==> flow/design.v <==
module gen_add_unit_p #(
    parameter int XLEN = 112
) (
    input logic ck,
    input logic step,
    input logic [XLEN-1:0] op_a,
    input logic [XLEN-1:0] op_b,
    input logic c0,
    output logic [XLEN-1:0] result,
    output logic carry_out
);
    logic [XLEN-1:0] op_a_s;
    logic [XLEN-1:0] op_b_s;
    logic c0_s;
    always_ff @(posedge ck) begin
        if (step) begin
            op_a_s <= op_a;
            op_b_s <= op_b;
            c0_s <= c0;
        end
    end
    logic [XLEN-1:0] t;
    logic c;
    always_comb begin
        c = c0_s;
        for (int k = 0; k < XLEN; k++) begin
            t[k] = op_a_s[k] ^ op_b_s[k] ^ c;
            c = (op_a_s[k] & op_b_s[k]) | (c & (op_a_s[k] | op_b_s[k]));
        end
    end
    always_ff @(posedge ck) begin
        if (step) begin
            result <= t;
            carry_out <= c;
        end
    end
endmodule
Tool chain data of gen_add_unit_p
Tool output for the design above, in the order of the flow. Lines are those of the file above, counted from 1. Operators: Yosys type, input widths -> output width; for muxes data width and select width s. Cell names lack the library's common part. Not given: -

Top: gen_add_unit_p. Clock input: ck. Standard-cell library: sky130hd. Timing corner: tt_025C_1v80.

After elaboration
Source: Yosys, flattened and elaborated, memories not mapped. Widths are those after wreduce; folded enables and synchronous resets count as part of the registers. Registers that Yosys merges into a memory's read port (data or address) are not register bits. Print and check cells do not count. Equal cells are merged and count once.

The entry for bits in registers reads 338. The figure for input port bits is 227. Under output and inout bits stands 113. The entry for elaborated cells reads 677.

The entry for bitwise logic cells reads 672.

Operators by type and width (count): $and 1x1->1 (224); $or 1x1->1 (224); $xor 1x1->1 (224).

Logic depth
Longest topological path by Yosys (ltp), each cell counted once; first at word level (registers and memories cut), then after technology mapping (sequential cells cut; the memories' decode and read muxes count).

Depth after elaboration: 225. The figure for ABC_AREA is 0. Under depth in mapped cells stands 116. Under gate-level depth less buffers stands 116.

Netlist
The flow's flattened synthesis, as Yosys stat reports it; memories are mapped. The netlist is that of the ABC_AREA named above (0 if unset); the other value can give another one.

Cell types (count): edfxtp_1 (338); fa_1 (112); inv_1 (10).

The entry for standard cells after synthesis reads 460. Chip area (Yosys): 12429.4 um^2. For sequential part of the area the number is 10149.7 um^2. The entry for flip-flop cells reads 338.

Timing after synthesis
Source: OpenSTA report_checks on the synthesized netlist (no wires, ideal clock, input and output delay 20% of the period each), path of least setup slack; recovery checks are left aside. Register names are those of the netlist, which keeps one name where synthesis merged equal registers.

Path kind: flip-flop to flip-flop. Start point: register op_a_s[0]. End point: register result[111]. The entry for period reads 53.8 ns. Setup time: 0.129 ns. Data arrival time: 42.904 ns. Under setup slack stands 10.767 ns. Under path delay stands 43.033 ns. Driving pins on the path: 117. For synthesis period reached the number is 43.033 ns.

"path delay" = arrival - input delay + setup time. "driving pins on the path": output pins that drive a net of the path, with the launching flip-flop's if there is one; two outputs of one cell count as two. "synthesis period reached" = period - worst setup slack (recovery checks aside). The figure is calculated, with input and output delays left at 20% of the set period. The rows between start and end are the longest chain of elaborated cells between them; the timing report does not say that the signal goes this way. Where chains are equally long, one stands for them. Each line given opens the expression or statement behind the cell; cells for indexed reads and writes are added by Yosys, which also makes memories of some case tables.

Path through: edfxtp_1 > fa_1 > fa_1 > fa_1 > fa_1 > fa_1 > fa_1 > fa_1 > fa_1 > fa_1 > fa_1 > fa_1 > fa_1 > fa_1 > fa_1 > fa_1 > fa_1 > fa_1 > [81 not listed] > fa_1 > fa_1 > fa_1 > fa_1 > fa_1 > fa_1 > fa_1 > fa_1 > fa_1 > fa_1 > fa_1 > inv_1 > fa_1 > inv_1 > fa_1 > inv_1 > fa_1 > inv_1. Cells in the longest elaborated chain: 224. Under elaborated cells between the ends (all ways) stands 225. Those cells by class: logic (225).

RTL lines, path post-synthesis: start, declared (RTL line 12) `logic [XLEN-1:0] op_a_s;`; start, assigned (RTL line 17) `op_a_s <= op_a;`; $or 1x1->1 (RTL line 28) `c = (op_a_s[k] & op_b_s[k]) | (c & (op_a_s[k] | op_b_s[k]));`; $and 1x1->1 (RTL line 28); $or 1x1->1 (RTL line 28); $and 1x1->1 (RTL line 28); $or 1x1->1 (RTL line 28); $and 1x1->1 (RTL line 28); $or 1x1->1 (RTL line 28); [210 not listed]; $and 1x1->1 (RTL line 28); $or 1x1->1 (RTL line 28); $and 1x1->1 (RTL line 28); $or 1x1->1 (RTL line 28); $and 1x1->1 (RTL line 28); $or 1x1->1 (RTL line 28); $xor 1x1->1 (RTL line 27) `t[k] = op_a_s[k] ^ op_b_s[k] ^ c;`; end, assigned (RTL line 33) `result <= t;`; end, declared (RTL line 9) `output logic [XLEN-1:0] result,`.

Worst path after layout
Path of least setup slack in the final report of job 1 (OpenROAD, finished layout, wires in). Where an end is a register, its clock arrival counts in the times.

Path kind: flip-flop to flip-flop. Start point: register op_a_s[0]. End point: register result[111]. The entry for period reads 33.1 ns. Setup time: 0.12 ns. Data arrival time: 40.89 ns. Under setup slack stands -7.35 ns. Driving pins on the path: 117.

The rows between start and end are the longest chain of elaborated cells between them; the timing report does not say that the signal goes this way. Where chains are equally long, one stands for them.

Path through: edfxtp_1 > fa_2 > fa_2 > fa_2 > fa_2 > fa_2 > fa_2 > fa_2 > fa_2 > fa_2 > fa_2 > fa_2 > fa_2 > fa_2 > fa_2 > fa_2 > fa_2 > fa_2 > [81 not listed] > fa_2 > fa_2 > fa_2 > fa_2 > fa_2 > fa_2 > fa_2 > fa_2 > fa_2 > fa_2 > fa_2 > inv_2 > fa_1 > inv_1 > fa_2 > inv_2 > fa_1 > inv_1. Cells in the longest elaborated chain: 224. Under elaborated cells between the ends (all ways) stands 225. Those cells by class: logic (225).

RTL lines, path after layout: start, declared (RTL line 12) `logic [XLEN-1:0] op_a_s;`; start, assigned (RTL line 17) `op_a_s <= op_a;`; $or 1x1->1 (RTL line 28) `c = (op_a_s[k] & op_b_s[k]) | (c & (op_a_s[k] | op_b_s[k]));`; $and 1x1->1 (RTL line 28); $or 1x1->1 (RTL line 28); $and 1x1->1 (RTL line 28); $or 1x1->1 (RTL line 28); $and 1x1->1 (RTL line 28); $or 1x1->1 (RTL line 28); [210 not listed]; $and 1x1->1 (RTL line 28); $or 1x1->1 (RTL line 28); $and 1x1->1 (RTL line 28); $or 1x1->1 (RTL line 28); $and 1x1->1 (RTL line 28); $or 1x1->1 (RTL line 28); $xor 1x1->1 (RTL line 27) `t[k] = op_a_s[k] ^ op_b_s[k] ^ c;`; end, assigned (RTL line 33) `result <= t;`; end, declared (RTL line 9) `output logic [XLEN-1:0] result,`.

Data sheet: physical implementation of gen_add_unit_p

Below are 3 stored runs of the flow (Yosys, OpenROAD; platform sky130hd) on gen_add_unit_p, each with its settings and what was measured, unordered. Constraints: input delay and output delay 20% of the set period each, output load 0.01 pF. "clock period reached" = clock period - worst setup slack. The figure is calculated, with input and output delays left at 20% of the set period. By "total design power" is meant OpenSTA's value without simulated activity: inputs other than the clock are taken to toggle once in ten clock periods, and the tool carries that through the logic.

Job 1 has these settings: period_ns 33.1; CORE_UTILIZATION 58; SETUP_SLACK_MARGIN 1.82; PLACE_DENSITY_LB_ADDON 0.24; CORE_ASPECT_RATIO 1.31; CORE_MARGIN 9; ABC_AREA 0; CAP_MARGIN 20; SLEW_MARGIN 20. The clock period reached comes to 40.450 ns. For the die outline area the run shows 27071.7 um^2. For the total design power the run shows 1063 µW. The measured utilization after routing is 84.0%. The synthesis area reads 12429.4 um^2. For the smallest setup slack the run shows -7.350 ns.

Job 2 has these settings: period_ns 53.8; CAP_MARGIN 20; CORE_MARGIN 2; CORE_UTILIZATION 40; SLEW_MARGIN 20. The clock period reached comes to 45.108 ns. For the die outline area the run shows 32499.1 um^2. For the total design power the run shows 668.7 µW. The measured utilization after routing is 57.2%. The synthesis area reads 12429.4 um^2. For the smallest setup slack the run shows 8.692 ns.

Job 3 has these settings: period_ns 26.8; CORE_UTILIZATION 52; SETUP_SLACK_MARGIN 5.0; PLACE_DENSITY_LB_ADDON 0.19; HOLD_SLACK_MARGIN 0.16; CORE_ASPECT_RATIO 0.8; CORE_MARGIN 10; CELL_PAD_IN_SITES_GLOBAL_PLACEMENT 3; CELL_PAD_IN_SITES_DETAIL_PLACEMENT 1; TNS_END_PERCENT 5; GPL_TIMING_DRIVEN 1; CTS_CLUSTER_SIZE 26; CAP_MARGIN 0; MIN_ROUTING_LAYER met2; SLEW_MARGIN 20. The clock period reached comes to 41.216 ns. For the die outline area the run shows 30525.1 um^2. For the total design power the run shows 1377 µW. The measured utilization after routing is 75.0%. The synthesis area reads 12429.4 um^2. For the smallest setup slack the run shows -14.416 ns.
